==> flow/design.v <==
module alu_addsub_p (ck, adv, src1, src2, minus, q, carry);
  parameter BITS = 72;
  input ck;
  input adv;
  input signed [BITS-1:0] src1;
  input signed [BITS-1:0] src2;
  input minus;
  output [BITS-1:0] q;
  output carry;
  reg signed [BITS-1:0] src1_s;
  reg signed [BITS-1:0] src2_s;
  reg minus_s;
  always @(posedge ck) begin
    if (adv) begin
      src1_s <= src1;
      src2_s <= src2;
      minus_s <= minus;
    end
  end
  wire [BITS-1:0] t2;
  assign t2 = src2_s ^ {BITS{minus_s}};
  wire [BITS-1:0] t;
  assign t = $unsigned(src1_s) + t2 + minus_s;
  assign q = t[BITS-1:0];
  assign carry = (src1_s[BITS-1] == t2[BITS-1]) && (t[BITS-1] != src1_s[BITS-1]);
endmodule
[Step by step through the tools: alu_addsub_p]
What the tools print for alu_addsub_p, step after step.
Line numbers count from 1 in the design file above.
The mark - stands for no value.
Set-up
  top module: alu_addsub_p
  clock input: ck
  cell library: sky130hd
  corner: tt_025C_1v80

[Elaborated design]
Counts by Yosys on the flattened word-level netlist (proc, flatten, opt, wreduce; memories kept). Register bits leave out memories and registers merged into their read ports (data or address); mux counts leave out enables and synchronous resets folded into registers. Print and check cells are left out. Cells with the same type and inputs are merged into one.
Operators by class
  bitwise gates (word level): 1
  $add $sub $neg: 2
  equal/unequal tests: 2
  reduce/logical cells: 1
Operator list (number)
  adder 72 x 1 -> 72 bit: 1
  adder 72 bit: 1
  XOR 72 bit: 1
  == test 1 bit: 1
  != test 1 bit: 1
  logical AND 1 bit: 1
Word-level totals
  flip-flop bits (word level): 145
  input port bits: 147

[Depth]
Depth = most cells in a row (Yosys ltp): at word level without a register or memory, in the mapped netlist without a sequential cell, where the memories' decode and read muxes count.
Depth
  word-level depth: 5
  ABC_AREA: 0
  mapped depth: 14

[After synthesis]
Source: synth_stat.txt of the flow (Yosys; design flattened, memories mapped). It holds for the ABC_AREA given above (unset counts as 0); a run with the other value may have another netlist.
Totals and module areas in this step are rounded.
Mapped netlist
  chip area (Yosys): 9600 sq um
  flip-flops: 145
  sequential area: 4400 sq um
  buffer cells: 44
  cell count: 914
Cell types
  sky130_fd_sc_hd__edfxtp_1: number 145, area in all 4.35E+03 sq um
  sky130_fd_sc_hd__ha_1: number 70, area in all 875.84 sq um
  sky130_fd_sc_hd__xor2_1: number 99, area in all 867.082 sq um
  sky130_fd_sc_hd__a21oi_1: number 93, area in all 465.446 sq um
  sky130_fd_sc_hd__xnor2_1: number 39, area in all 341.578 sq um
  sky130_fd_sc_hd__o21ai_0: number 57, area in all 285.274 sq um
  sky130_fd_sc_hd__nand2_1: number 67, area in all 251.491 sq um
  sky130_fd_sc_hd__a21o_1: number 29, area in all 217.709 sq um
  sky130_fd_sc_hd__nand4_1: number 30, area in all 187.68 sq um
  sky130_fd_sc_hd__nor2_1: number 48, area in all 180.173 sq um
  sky130_fd_sc_hd__buf_6: number 11, area in all 123.869 sq um
  sky130_fd_sc_hd__inv_1: number 27, area in all 101.347 sq um
  sky130_fd_sc_hd__o21bai_1: number 13, area in all 97.594 sq um
  sky130_fd_sc_hd__nand3_1: number 17, area in all 85.082 sq um
  sky130_fd_sc_hd__o21a_1: number 10, area in all 75.072 sq um
  sky130_fd_sc_hd__clkbuf_1: number 15, area in all 56.304 sq um
  sky130_fd_sc_hd__nor3_1: number 11, area in all 55.053 sq um
  sky130_fd_sc_hd__nand2b_1: number 8, area in all 50.048 sq um
Not listed: further types 48, cells in them 125.

[Path before layout]
Source: OpenSTA report_checks on the synthesized netlist (no wires, ideal clock, input and output delay 20% of the period each), path of least setup slack; recovery checks are left aside. Register names are those of the netlist, which keeps one name where synthesis merged equal registers.
Timing after synthesis
  path kind: register to output
  start point: register minus_s
  end point: output port q[71]
  clock period: 5.36 ns
  stages: 14
  setup slack: 0.857 ns
  launch time at the first pin: 0.000 ns
  path buffers: 3
  path delay: 3.431 ns
  external output delay: 1.072 ns
  arrival time: 3.431 ns
  period reached after synthesis: 4.503 ns
"path delay" is the arrival time less input delay plus setup time.
At an output port there is no setup time.
"stages" counts driving pins, that of a launching flip-flop among them; a cell with two outputs on the path counts twice.
"period reached after synthesis" is the clock period less the worst setup slack; recovery checks do not enter. This is arithmetic on one report: input and output delays are still those of the set period (20% each).
Between the ends stands the longest chain of elaborated cells between them, by number of cells; it is not shown to be the way that was timed. Of several equally long chains one is given.
Each line given opens the expression or statement behind the cell; cells for indexed reads and writes are added by Yosys, which also makes memories of some case tables.
On the way, after synthesis
  path through: sky130_fd_sc_hd__edfxtp_1 > sky130_fd_sc_hd__buf_2 > sky130_fd_sc_hd__buf_1 > sky130_fd_sc_hd__xor2_1 > sky130_fd_sc_hd__ha_1 > sky130_fd_sc_hd__buf_6 > sky130_fd_sc_hd__nand4_1 > sky130_fd_sc_hd__or4_1 > sky130_fd_sc_hd__a31o_1 > sky130_fd_sc_hd__nand4_2 > sky130_fd_sc_hd__nand2_2 > sky130_fd_sc_hd__or4_4 > sky130_fd_sc_hd__a41o_1 > sky130_fd_sc_hd__xnor2_1
  cells in the longest elaborated chain: 3
Ends and longest elaborated chain, after synthesis
  start, declared: line 12  | reg minus_s;
  start, assigned: line 17  | minus_s <= minus;
  XOR 72 bit: line 21  | assign t2 = src2_s ^ {BITS{minus_s}};
  adder 72 bit: line 23  | assign t = $unsigned(src1_s) + t2 + minus_s;
  adder 72 x 1 -> 72 bit: line 23
  end, declared: line 8  | output [BITS-1:0] q;

[Worst path after layout]
From the final timing report of flow run B: the path of least setup slack in the routed layout; clock arrival at registers is part of the times.
Timing post-layout
  path kind: register to output
  start point: register minus_s
  end point: output port q[62]
  arrival time: 4.13 ns
  stages: 17
  path buffers: 4
  clock period: 5.36 ns
  external output delay: 1.07 ns
  setup slack: 0.15 ns
  launch time at the first pin: 0.43 ns
Between the ends stands the longest chain of elaborated cells between them, by number of cells; it is not shown to be the way that was timed. Of several equally long chains one is given.
On the way, post-layout
  path through: sky130_fd_sc_hd__edfxtp_1 > sky130_fd_sc_hd__buf_4 > sky130_fd_sc_hd__buf_4 > sky130_fd_sc_hd__xor2_2 > sky130_fd_sc_hd__inv_1 > sky130_fd_sc_hd__fa_1 > sky130_fd_sc_hd__nor2b_2 > sky130_fd_sc_hd__o2111a_2 > sky130_fd_sc_hd__o21ai_0 > sky130_fd_sc_hd__a31oi_1 > sky130_fd_sc_hd__o21a_1 > sky130_fd_sc_hd__a32o_2 > sky130_fd_sc_hd__a21oi_4 > sky130_fd_sc_hd__buf_4 > sky130_fd_sc_hd__nor4b_1 > sky130_fd_sc_hd__a311oi_1 > sky130_fd_sc_hd__dlygate4sd2_1
  cells in the longest elaborated chain: 3
Ends and longest elaborated chain, post-layout
  start, declared: line 12  | reg minus_s;
  start, assigned: line 17  | minus_s <= minus;
  XOR 72 bit: line 21  | assign t2 = src2_s ^ {BITS{minus_s}};
  adder 72 bit: line 23  | assign t = $unsigned(src1_s) + t2 + minus_s;
  adder 72 x 1 -> 72 bit: line 23
  end, declared: line 8  | output [BITS-1:0] q;

Hand-over note for alu_addsub_p

Design alu_addsub_p on sky130hd. What follows are 3 stored runs of the flow, each under its own settings; their order means nothing. The constraints put input and output delay at 20% of the set period each and load the outputs with 0.01 pF.
"achieved clock period" is the run's clock period less its worst setup slack. It is reckoned from that one timing run; input and output delays stay at 20% of the period that was set.
"worst setup path time": the worst setup path's part of the clock period (all of it between registers, 20% less for each end at a port) less its slack. A launch clock that arrives late makes it longer, a capture clock that arrives late makes it shorter.
The results are shown rounded.
[flow run A] settings: period_ns=3.52, CORE_UTILIZATION=71, SETUP_SLACK_MARGIN=-0.34, PLACE_DENSITY_LB_ADDON=0.01, CELL_PAD_IN_SITES_DETAIL_PLACEMENT=0, ABC_AREA=0, GPL_ROUTABILITY_DRIVEN=0, CTS_CLUSTER_SIZE=45, MAX_ROUTING_LAYER=met5, CAP_MARGIN=20, CORE_MARGIN=2, SLEW_MARGIN=20
[flow run A] result: did not finish, placement stopped with DPL-0038
[flow run B] settings: period_ns=5.36, CAP_MARGIN=20, CORE_MARGIN=2, CORE_UTILIZATION=40, SLEW_MARGIN=20
[flow run B] result: chip area after synthesis (Yosys) 9600 sq um, die area 25000 sq um, utilization 57 %, worst setup slack after layout 0.15 ns, achieved clock period 5.206 ns, worst setup path time 4.13 ns, worst setup path kind register to output
[flow run C] settings: period_ns=7.67, CORE_UTILIZATION=42, PLACE_DENSITY=0.39, HOLD_SLACK_MARGIN=-0.05, TNS_END_PERCENT=5, ABC_AREA=0, GPL_ROUTABILITY_DRIVEN=1, CTS_CLUSTER_SIZE=64, SLEW_MARGIN=35, CAP_MARGIN=20, CORE_MARGIN=2
[flow run C] result: chip area after synthesis (Yosys) 9600 sq um, die area 24000 sq um, utilization 56 %, worst setup slack after layout 1.2 ns, achieved clock period 6.473 ns, worst setup path time 4.94 ns, worst setup path kind register to output

End of note.
